==> flow/design.v <==
module my_sub_unit #(
  parameter integer DATA_WIDTH = 10
) (
  input logic clk,
  input logic clr,
  input logic [DATA_WIDTH-1:0] opa,
  input logic [DATA_WIDTH-1:0] opb,
  input logic subtract,
  output logic [DATA_WIDTH-1:0] delta,
  output logic cout
);
  logic [DATA_WIDTH-1:0] w2;
  assign w2 = opb ^ {DATA_WIDTH{subtract}};
  logic [DATA_WIDTH:0] work;
  assign work = opa + w2 + subtract;
  always_ff @(posedge clk or posedge clr) begin
    if (clr) begin
      delta <= 0;
    end else begin
      delta <= work[DATA_WIDTH-1:0];
    end
  end
  always_ff @(posedge clk or posedge clr) begin
    if (clr) begin
      cout <= 1'b0;
    end else begin
      cout <= work[DATA_WIDTH];
    end
  end
endmodule
# Reports on my_sub_unit

Tool output for the design above, in the order of the flow.
Line numbers count from 1 in the design file above.
Operators carry their Yosys type and port widths (W data, S select, Z words).
Cell names lack the library's common part.
Not given: -

Design top: my_sub_unit
Clock port: clk
Library: sky130hd
Library corner: tt_025C_1v80

# Elaborated design

Counts by Yosys on the flattened word-level netlist (proc, flatten, opt, wreduce; memories kept). Register bits leave out memories and registers merged into their read ports (data or address); mux counts leave out enables and synchronous resets folded into registers. Print and check cells are left out. Cells with the same type and inputs are merged into one.

Bits in registers: 11
Bits in latches: 0
Memory bits (writable): 0
Bits in read-only memories: 0
Clocked read ports x word width: 0
Memories kept: 0
Output and inout bits: 11
Cells after elaboration: 5

$add $sub $neg: 2
$mul: 0
Div/mod/pow operators: 0
$lt $le $gt $ge: 0
Equal/unequal tests: 0
Shifts and indexed selects: 0
Muxes and demuxes: 0
Bitwise gates (word level): 1
Reductions and logical operators: 0

Operator list:

| kind             | number |
| $add A10 B10 Y11 | 1 |
| $add A11 B1 Y11  | 1 |
| $xor A10 B10 Y10 | 1 |

# Logic depth

Yosys ltp: most cells in a row. Word level: on the elaborated netlist, between registers, memories and ports. Mapped: between sequential cells and ports; inverters and the memories' decode and read muxes count.

Word-level depth: 3
ABC_AREA: 0
Mapped depth: 8
Mapped depth without buffers: 7

# Mapped cells and area

Source: synth_stat.txt of the flow (Yosys; design flattened, memories mapped). It holds for the ABC_AREA given above (unset counts as 0); a run with the other value may have another netlist.
The area totals of this step are shown rounded.

Mapped cells: 76
Chip area (Yosys): 0.000842 mm^2
Flip-flop cells: 11

Cell types:

| cell     | number | area in all (um^2) |
| dfrtp_1  | 11     | 275.264 |
| ha_1     | 10     | 125.12 |
| xor2_1   | 13     | 113.859 |
| a21o_1   | 6      | 45.043 |
| xnor2_1  | 4      | 35.034 |
| a31oi_4  | 1      | 21.27 |
| fa_1     | 1      | 20.019 |
| a31o_4   | 1      | 17.517 |
| a21oi_1  | 3      | 15.014 |
| mux2_4   | 1      | 15.014 |
| nand3_1  | 3      | 15.014 |
| or4_1    | 2      | 15.014 |
| a211oi_2 | 1      | 12.512 |
| and3_1   | 2      | 12.512 |
| o31ai_2  | 1      | 12.512 |
| buf_6    | 1      | 11.261 |
| inv_1    | 3      | 11.261 |
| a221o_1  | 1      | 10.01 |

Not listed: further types 9, cells in them 11.

# Worst setup path after synthesis

OpenSTA on the mapped netlist: ideal clock, no wires. The path of least setup slack (recovery checks aside). Input and output delay are each 20% of the period. Register names are those of the netlist, which keeps one name where synthesis merged equal registers.

Kind: in2reg
From: in subtract
To: reg delta[8]
Clock period: 2.78 ns
External input delay: 0.556 ns
Library setup time: 0.080 ns
Arrival time: 2.257 ns
Path slack: 0.443 ns
Path delay: 1.781 ns
Stages on the path: 8
Path buffers: 1
Synthesis period reached: 2.337 ns

"path delay" is the arrival time less input delay plus setup time.
"stages on the path": output pins that drive a net of the path, with the launching flip-flop's if there is one; two outputs of one cell count as two.
"synthesis period reached" is the clock period less the worst setup slack; recovery checks do not enter. This is arithmetic on one report: input and output delays are still those of the set period (20% each).
The rows between start and end are the longest chain of elaborated cells between them; the timing report does not say that the signal goes this way. Where chains are equally long, one stands for them.
Each line given opens the expression or statement behind the cell; cells for indexed reads and writes are added by Yosys, which also makes memories of some case tables.

Path through: buf_6 > mux2_4 > fa_1 > a21oi_1 > o211ai_1 > or3_1 > a31oi_1 > xnor2_1
Cells in the longest elaborated chain: 3
Elaborated cells on any way between the ends: 3
RTL lines with such cells: 2
Classes of those cells: 2 x add/sub; 1 x logic

Ends and longest elaborated chain, post-synthesis:

| element          | line | text |
| start, declared  | 8    | `input logic subtract,` |
| $xor A10 B10 Y10 | 13   | `assign w2 = opb ^ {DATA_WIDTH{subtract}};` |
| $add A10 B10 Y11 | 15   | `assign work = opa + w2 + subtract;` |
| $add A11 B1 Y11  | 15   |  |
| end, assigned    | 18   | `delta <= 0;` |
| end, assigned    | 20   | `delta <= work[DATA_WIDTH-1:0];` |
| end, declared    | 9    | `output logic [DATA_WIDTH-1:0] delta,` |

# Worst path after layout

From the final timing report of stored run 1: the path of least setup slack in the routed layout; clock arrival at registers is part of the times.

Kind: in2reg
From: in opb[0]
To: reg delta[8]
Clock period: 2.78 ns
External input delay: 0.56 ns
Library setup time: 0.08 ns
Arrival time: 2.41 ns
Path slack: 0.51 ns
Stages on the path: 8
Path buffers: 1

The rows between start and end are the longest chain of elaborated cells between them; the timing report does not say that the signal goes this way. Where chains are equally long, one stands for them.

Path through: clkdlybuf4s15_2 > mux2_4 > fa_2 > a21oi_2 > o211ai_1 > or3_1 > a31oi_2 > xnor2_1
Cells in the longest elaborated chain: 3
Elaborated cells on any way between the ends: 3
RTL lines with such cells: 2
Classes of those cells: 2 x add/sub; 1 x logic

Ends and longest elaborated chain, post-layout:

| element          | line | text |
| start, declared  | 7    | `input logic [DATA_WIDTH-1:0] opb,` |
| $xor A10 B10 Y10 | 13   | `assign w2 = opb ^ {DATA_WIDTH{subtract}};` |
| $add A10 B10 Y11 | 15   | `assign work = opa + w2 + subtract;` |
| $add A11 B1 Y11  | 15   |  |
| end, assigned    | 18   | `delta <= 0;` |
| end, assigned    | 20   | `delta <= work[DATA_WIDTH-1:0];` |
| end, declared    | 9    | `output logic [DATA_WIDTH-1:0] delta,` |

Subject: flow runs of my_sub_unit

Hi,

Record of 3 stored runs of the RTL-to-layout flow on my_sub_unit, platform sky130hd. The runs are unordered. Constraints: input delay and output delay 20% of the set period each, output load 0.01 pF.
By "clock period achieved" is meant the clock period of the run minus its worst setup slack. This is arithmetic on one report: input and output delays are still those of the set period (20% each).
"critical path time" = time allowed to the worst setup path (clock period - input delay - output delay, where it has them) - its slack; a late launch clock adds to it, a late capture clock takes from it.
The measured numbers are rounded.
Settings: - = not set for that run.
A result given as - is not shown for that run.

| setting or result                  | stored run 1 | stored run 2 | stored run 3 |
| period_ns                          | 2.78         | 3.31         | 2.78         |
| CORE_UTILIZATION                   | 15           | 67           | 40           |
| SETUP_SLACK_MARGIN                 | 0.43         | -0.19        | -            |
| PLACE_DENSITY_LB_ADDON             | 0.29         | 0.07         | -            |
| TNS_END_PERCENT                    | 45           | 50           | -            |
| GPL_TIMING_DRIVEN                  | 0            | -            | -            |
| CTS_CLUSTER_SIZE                   | 29           | -            | -            |
| CAP_MARGIN                         | 35           | 20           | 20           |
| MAX_ROUTING_LAYER                  | met5         | -            | -            |
| CORE_MARGIN                        | 2            | 2            | 2            |
| SLEW_MARGIN                        | 20           | 20           | 20           |
| CELL_PAD_IN_SITES_DETAIL_PLACEMENT | -            | 1            | -            |
| ABC_AREA                           | -            | 0            | -            |
| GPL_ROUTABILITY_DRIVEN             | -            | 0            | -            |
| post-synthesis cell area (mm^2)    | 0.000842     | -            | 0.000842     |
| die area (mm^2)                    | 0.00623      | -            | 0.00249      |
| post-route utilization (%)         | 26.2         | -            | 66.4         |
| smallest setup slack (ns)          | 0.513        | -            | 0.219        |
| clock period achieved (ns)         | 2.267        | -            | 2.561        |
| critical path time (ns)            | 1.71         | -            | 2.00         |
| worst setup path kind              | in2reg       | -            | in2reg       |

Stored run 2: not finished: placement ended with error FLW-0024

Regards
